==> flow/design.v <==
module my_addsub_n #(
   parameter DATA_WIDTH = 72
) (
   input  wire clk_i,
   input  wire [DATA_WIDTH-1:0] u,
   input  wire [DATA_WIDTH-1:0] v,
   output wire [DATA_WIDTH-1:0] result,
   output wire under
);
   reg [DATA_WIDTH-1:0] u_q;
   reg [DATA_WIDTH-1:0] v_q;
   localparam LW = DATA_WIDTH / 2;
   reg [LW:0] low_q;
   reg [DATA_WIDTH-LW-1:0] u_hi_q;
   reg [DATA_WIDTH-LW-1:0] v_hi_q;
   wire [DATA_WIDTH-LW:0] hi = u_hi_q - v_hi_q - low_q[LW];
   reg [DATA_WIDTH-1:0] result_q;
   assign result = result_q;
   reg under_q;
   assign under = under_q;
   always @(posedge clk_i) begin
      u_q <= u;
      v_q <= v;
      low_q <= u_q[LW-1:0] - v_q[LW-1:0];
      u_hi_q <= u_q[DATA_WIDTH-1:LW];
      v_hi_q <= v_q[DATA_WIDTH-1:LW];
      result_q <= {hi[DATA_WIDTH-LW-1:0], low_q[LW-1:0]};
      under_q <= hi[DATA_WIDTH-LW];
   end
endmodule
* Tool chain data of my_addsub_n
Tool output for the design above, in the order of the flow. Lines are those of the file above, counted from 1. Library cell names are shortened. A cell with -- has no value.
Set-up: design top my_addsub_n, clock port clk_i, library sky130hd, library corner tt_025C_1v80

* Word level
Source: Yosys, flattened and elaborated, memories not mapped. Widths are those after wreduce; folded enables and synchronous resets count as part of the registers. Registers that Yosys merges into a memory's read port (data or address) are not register bits. Print and check cells do not count. Equal cells are merged and count once.
Bit counts: bits in registers 326, output and inout bits 73, cells after elaboration 10
Operators by class: add/sub/neg operators 3
Operators with widths (number):
- subtractor 36 x 36 -> 37 bit | 2
- subtractor 37 x 1 -> 37 bit | 1

* Longest topological paths
Depth = most cells in a row (Yosys ltp): at word level without a register or memory, in the mapped netlist without a sequential cell, where the memories' decode and read muxes count.
Logic depth: word-level depth 2, ABC_AREA 0, mapped depth 14

* Mapped cells and area
The flow's flattened synthesis, as Yosys stat reports it; memories are mapped. The netlist is that of the ABC_AREA named above (0 if unset); the other value can give another one. The area totals of this step are shown rounded.
Cells by type:
- dfxtp_1 | number 326, total area 6.53E+03 um^2
- ha_1 | number 106, total area 1.33E+03 um^2
- inv_1 | number 164, total area 615.59 um^2
- xnor2_1 | number 37, total area 324.061 um^2
- a21oi_1 | number 53, total area 265.254 um^2
- a21o_1 | number 35, total area 262.752 um^2
- xor2_1 | number 23, total area 201.443 um^2
- nor2_1 | number 42, total area 157.651 um^2
- o21ai_0 | number 26, total area 130.125 um^2
- nand2_1 | number 34, total area 127.622 um^2
- o21bai_1 | number 12, total area 90.086 um^2
- a31oi_1 | number 13, total area 81.328 um^2
- o21a_1 | number 9, total area 67.565 um^2
- nand3_1 | number 13, total area 65.062 um^2
- fa_1 | number 3, total area 60.058 um^2
- and3_1 | number 9, total area 56.304 um^2
- nor3_1 | number 10, total area 50.048 um^2
- a221oi_2 | number 3, total area 45.043 um^2
Not listed: further types 55, cells in them 127.
Synthesis totals: cell count 1045, synthesis area 11500 um^2, flip-flops 326

* Timing after synthesis
Source: OpenSTA report_checks on the synthesized netlist (no wires, ideal clock, input and output delay 20% of the period each), path of least setup slack; recovery checks are left aside. Register names are those of the netlist, which keeps one name where synthesis merged equal registers.
Timing post-synthesis: path kind register to register, from reg low_q[36], to reg result_q[56], clock period 4000 ps, setup time 72 ps, launch time at the first pin 0 ps, arrival 3127 ps, required time 3928 ps, setup slack 801 ps, path delay 3199 ps, stages on the path 15, period reached after synthesis 3199 ps
"path delay" = arrival - input delay + setup time. "stages on the path": output pins that drive a net of the path, with the launching flip-flop's if there is one; two outputs of one cell count as two. "period reached after synthesis" = period - worst setup slack (recovery checks aside). The figure is calculated, with input and output delays left at 20% of the set period. Between the ends stands the longest chain of elaborated cells between them, by number of cells; it is not shown to be the way that was timed. Of several equally long chains one is given. Each line given opens the expression or statement behind the cell; cells for indexed reads and writes are added by Yosys, which also makes memories of some case tables.
On the way, post-synthesis: cells stage by stage dfxtp_1 inv_1 fa_1 inv_1 ha_1 or2_2 fa_1 nand2b_1 a21oi_1 o21a_1 o41a_1 o211ai_1 a31o_1 a21oi_1 xnor2_1, length of the longest elaborated chain 1, elaborated cells on any way between the ends 1, RTL lines with such cells 1
Ends and longest elaborated chain, post-synthesis:
- from (decl) | line 13 | reg [LW:0] low_q;
- from (assign) | line 24 | low_q <= u_q[LW-1:0] - v_q[LW-1:0];
- subtractor 37 x 1 -> 37 bit | line 16 | wire [DATA_WIDTH-LW:0] hi = u_hi_q - v_hi_q - low_q[LW];
- to (assign) | line 27 | result_q <= {hi[DATA_WIDTH-LW-1:0], low_q[LW-1:0]};
- to (decl) | line 17 | reg [DATA_WIDTH-1:0] result_q;

* Timing after layout
From the final timing report of run 1: the path of least setup slack in the routed layout; clock arrival at registers is part of the times. The path's times are printed in steps of 10 ps; the period is the one set.
Timing after layout: path kind register to register, from reg low_q[36], to reg result_q[68], clock period 4000 ps, setup time 120 ps, launch time at the first pin 490 ps, arrival 3980 ps, required time 4370 ps, setup slack 390 ps, stages on the path 15
Between the ends stands the longest chain of elaborated cells between them, by number of cells; it is not shown to be the way that was timed. Of several equally long chains one is given.
On the way, after layout: cells stage by stage dfxtp_1 inv_1 fa_1 inv_1 ha_1 or2_2 fa_1 nand2b_1 a21oi_1 o21a_1 o41a_1 o21ai_2 a31oi_1 o31ai_1 xor2_1, length of the longest elaborated chain 1, elaborated cells on any way between the ends 1, RTL lines with such cells 1
Ends and longest elaborated chain, after layout:
- from (decl) | line 13 | reg [LW:0] low_q;
- from (assign) | line 24 | low_q <= u_q[LW-1:0] - v_q[LW-1:0];
- subtractor 37 x 1 -> 37 bit | line 16 | wire [DATA_WIDTH-LW:0] hi = u_hi_q - v_hi_q - low_q[LW];
- to (assign) | line 27 | result_q <= {hi[DATA_WIDTH-LW-1:0], low_q[LW-1:0]};
- to (decl) | line 17 | reg [DATA_WIDTH-1:0] result_q;

Wiki page: my_addsub_n / flow data

3 stored runs of my_addsub_n in the flow (synthesis by Yosys, layout by OpenROAD, sky130hd cells), in arbitrary order. Constraints: input delay and output delay 20% of the set period each, output load 0.01 pF.
"achieved clock period" means the clock period less the worst setup slack. The figure is calculated, with input and output delays left at 20% of the set period.
"worst setup path time" means the part of the period allowed to the worst setup path (the constraints hold back 20% at inputs and 20% at outputs) less its slack; where the path has registers, the arrival times of their clocks count too.
"power" rests on the timing tool's default activity at the inputs, not on a simulated workload.
"worst setup path time" is known to 10 ps.
The measured numbers are rounded.
[run 1] settings: period_ns=4.0, CAP_MARGIN=20, CORE_MARGIN=2, CORE_UTILIZATION=40, SLEW_MARGIN=20
[run 1] result: chip area after synthesis (Yosys) 11500 um^2, die area 30000 um^2, standard-cell area of the final layout 15100 um^2, utilization 0.541, worst setup slack after layout 385 ps, total negative slack 0 ps, worst hold slack 322 ps, power 8460 µW, achieved clock period 3615 ps, worst setup path time 3610 ps, worst setup path kind register to register
[run 2] settings: period_ns=2.11, CORE_UTILIZATION=49, SETUP_SLACK_MARGIN=0.32, PLACE_DENSITY=0.4, CORE_ASPECT_RATIO=0.8, CORE_MARGIN=6, CELL_PAD_IN_SITES_DETAIL_PLACEMENT=0, TNS_END_PERCENT=50, CTS_CLUSTER_SIZE=62, MIN_ROUTING_LAYER=met1, MAX_ROUTING_LAYER=met5, CAP_MARGIN=20, SLEW_MARGIN=20
[run 2] result: chip area after synthesis (Yosys) 11500 um^2, die area 27200 um^2, standard-cell area of the final layout 17300 um^2, utilization 0.763, worst setup slack after layout -1140 ps, total negative slack -30800 ps, worst hold slack 314 ps, power 16800 µW, achieved clock period 3249 ps, worst setup path time 3250 ps, worst setup path kind register to register
[run 3] settings: period_ns=4.34, CORE_UTILIZATION=66, SETUP_SLACK_MARGIN=0.88, PLACE_DENSITY_LB_ADDON=0.27, HOLD_SLACK_MARGIN=-0.07, CORE_ASPECT_RATIO=0.85, CELL_PAD_IN_SITES_GLOBAL_PLACEMENT=3, ABC_AREA=1, GPL_TIMING_DRIVEN=0, CAP_MARGIN=25, MIN_ROUTING_LAYER=met1, CORE_MARGIN=2, SLEW_MARGIN=20
[run 3] result: did not finish, placement stopped with FLW-0024
